==> flow/design.v <==
module core_data_mux_n #(
  parameter int DW = 12,
  parameter int NUM = 12,
  parameter int LG = $clog2(NUM)
) (
  input  logic clock,
  input  logic rst_n,
  input  logic step,
  input  logic [NUM*DW-1:0] d,
  input  logic [LG-1:0] sel,
  output logic [DW-1:0] out
);
  logic [NUM*DW-1:0] d_q;
  logic [LG-1:0] sel_q;
  logic [DW-1:0] out_q;
  always_ff @(posedge clock) begin
    if (~rst_n) begin
      d_q <= '0;
      sel_q <= '0;
      out_q <= '0;
    end else if (step) begin
      d_q <= d;
      sel_q <= sel;
      out_q <= d_q[sel_q*DW +: DW];
    end
  end
  assign out = out_q;
endmodule
[Reports on core_data_mux_n]
What the tools print for core_data_mux_n, step after step.
Line numbers count from 1 in the design file above.
Cell names lack the library's common part.
Not given: -
Inputs
  top: core_data_mux_n
  clock port: clock
  library: sky130hd
  timing corner: tt_025C_1v80

[Word-level counts]
Source: Yosys, flattened and elaborated, memories not mapped. Widths are those after wreduce; folded enables and synchronous resets count as part of the registers. Registers that Yosys merges into a memory's read port (data or address) are not register bits. Print and check cells do not count. Equal cells are merged and count once.
Storage and ports
  register bits: 160
  input port bits: 151
  output and inout bits: 12
  word-level cells: 5
Cells by class
  $mul: 1
  shifts and indexed selects: 1
Operator list (count)
  144-bit by 9-bit indexed select with 12-bit output: 1
  4-bit by 2-bit multiplier with 6-bit output with constant B: 1

[Logic depth]
Yosys ltp: most cells in a row. Word level: on the elaborated netlist, between registers, memories and ports. Mapped: between sequential cells and ports; inverters and the memories' decode and read muxes count.
Logic depth
  word-level depth: 2
  ABC_AREA: 0
  mapped depth: 6
  mapped depth without buffers: 4

[Mapped cells and area]
Yosys stat after the flow's synthesis: flattened, memories mapped to cells. It holds for the ABC_AREA given above (unset counts as 0); a run with the other value may have another netlist.
Totals and module areas in this step are rounded.
Cells by type
  dfxtp_1: count 160, total area 3.2E+03 µm²
  mux2i_1: count 220, total area 2.2E+03 µm²
  nor2b_1: count 149, total area 932.144 µm²
  a22oi_1: count 24, total area 180.173 µm²
  buf_4: count 13, total area 97.594 µm²
  o211ai_1: count 12, total area 90.086 µm²
  o221ai_2: count 6, total area 90.086 µm²
  buf_2: count 16, total area 80.077 µm²
  clkbuf_1: count 20, total area 75.072 µm²
  o221ai_1: count 6, total area 52.55 µm²
  nand2_1: count 12, total area 45.043 µm²
  buf_6: count 3, total area 33.782 µm²
  o21ai_0: count 6, total area 30.029 µm²
  o21ai_1: count 6, total area 30.029 µm²
  nand3b_1: count 2, total area 15.014 µm²
  or3b_4: count 1, total area 11.261 µm²
  and2b_1: count 1, total area 7.507 µm²
  and2_1: count 1, total area 6.256 µm²
  nor2_1: count 1, total area 3.754 µm²
Mapped netlist
  standard cells after synthesis: 659
  mapped area: 7190 µm²
  sequential area: 3200 µm²
  flip-flop cells: 160

[Worst setup path after synthesis]
OpenSTA on the mapped netlist: ideal clock, no wires. The path of least setup slack (recovery checks aside). Input and output delay are each 20% of the period. Register names are those of the netlist, which keeps one name where synthesis merged equal registers.
Path post-synthesis
  path kind: flip-flop to flip-flop
  from: reg sel_q[2]
  to: reg out_q[1]
  clock period: 1.58 ns
  library setup time: 0.069 ns
  arrival time: 1.198 ns
  slack: 0.313 ns
  delay of the path: 1.267 ns
  stages on the path: 6
  buffers on the path: 1
  synthesis period reached: 1.267 ns
"delay of the path" is the arrival time less input delay plus setup time.
"stages on the path" counts driving pins, that of a launching flip-flop among them; a cell with two outputs on the path counts twice.
"synthesis period reached" is the clock period less the worst setup slack; recovery checks do not enter. This is arithmetic on one report: input and output delays are still those of the set period (20% each).
Between the ends stands the longest chain of elaborated cells between them, by number of cells; it is not shown to be the way that was timed. Of several equally long chains one is given.
Each line given opens the expression or statement behind the cell; cells for indexed reads and writes are added by Yosys, which also makes memories of some case tables.
Between the ends, post-synthesis
  cell sequence: dfxtp_1 -> or3b_4 -> buf_6 -> o221ai_2 -> o211ai_1 -> o21ai_1
  cells in the longest elaborated chain: 2
RTL lines, path post-synthesis
  start, declared: line 14  | logic [LG-1:0] sel_q;
  start, assigned: line 19  | sel_q <= '0;
  start, assigned: line 23  | sel_q <= sel;
  4-bit by 2-bit multiplier with 6-bit output: line 24  | out_q <= d_q[sel_q*DW +: DW];
  144-bit by 9-bit indexed select with 12-bit output: line 24
  end, assigned: line 20  | out_q <= '0;
  end, assigned: line 24
  end, declared: line 15  | logic [DW-1:0] out_q;

[Worst path after layout]
From the final timing report of entry C: the path of least setup slack in the routed layout; clock arrival at registers is part of the times.
Path after layout
  path kind: flip-flop to flip-flop
  from: reg sel_q[0]
  to: reg out_q[10]
  clock period: 1.58 ns
  library setup time: 0.13 ns
  arrival time: 1.79 ns
  slack: 0.08 ns
  stages on the path: 6
  buffers on the path: 1
Between the ends stands the longest chain of elaborated cells between them, by number of cells; it is not shown to be the way that was timed. Of several equally long chains one is given.
Between the ends, after layout
  cell sequence: dfxtp_4 -> buf_4 -> mux2i_1 -> o221ai_1 -> o211ai_1 -> o21ai_0
  cells in the longest elaborated chain: 2
RTL lines, path after layout
  start, declared: line 14  | logic [LG-1:0] sel_q;
  start, assigned: line 19  | sel_q <= '0;
  start, assigned: line 23  | sel_q <= sel;
  4-bit by 2-bit multiplier with 6-bit output: line 24  | out_q <= d_q[sel_q*DW +: DW];
  144-bit by 9-bit indexed select with 12-bit output: line 24
  end, assigned: line 20  | out_q <= '0;
  end, assigned: line 24
  end, declared: line 15  | logic [DW-1:0] out_q;

Subject: core_data_mux_n on sky130hd, stored results

Hello all,

3 stored runs of core_data_mux_n in the flow (synthesis by Yosys, layout by OpenROAD, sky130hd cells), in arbitrary order. Constraints: input delay and output delay 20% of the set period each, output load 0.01 pF.
"achieved clock period": clock period set for the run, less the worst setup slack. It is reckoned from that one timing run; input and output delays stay at 20% of the period that was set.
Measured values are rounded.
[entry A] settings: period_ns=2.12, CORE_UTILIZATION=51, SETUP_SLACK_MARGIN=0.19, PLACE_DENSITY_LB_ADDON=0.07, HOLD_SLACK_MARGIN=-0.07, CELL_PAD_IN_SITES_DETAIL_PLACEMENT=2, TNS_END_PERCENT=55, CAP_MARGIN=5, MIN_ROUTING_LAYER=met2, MAX_ROUTING_LAYER=met4, CORE_MARGIN=2, SLEW_MARGIN=20
[entry A] result: did not finish, placement stopped with DPL-0033
[entry B] settings: period_ns=1.16, CORE_UTILIZATION=68, SETUP_SLACK_MARGIN=-0.1, PLACE_DENSITY_LB_ADDON=0.04, CORE_ASPECT_RATIO=0.59, CELL_PAD_IN_SITES_DETAIL_PLACEMENT=1, TNS_END_PERCENT=15, ABC_AREA=0, CAP_MARGIN=20, MIN_ROUTING_LAYER=met1, CORE_MARGIN=2, SLEW_MARGIN=20
[entry B] result: did not finish, placement stopped with DPL-0033
[entry C] settings: period_ns=1.58, CAP_MARGIN=20, CORE_MARGIN=2, CORE_UTILIZATION=40, SLEW_MARGIN=20
[entry C] result: chip area after synthesis (Yosys) 7190 µm², die area 19100 µm², standard-cell area of the final layout 9690 µm², utilization 54.5%, worst setup slack after layout 0.080 ns, achieved clock period 1.500 ns

Thanks
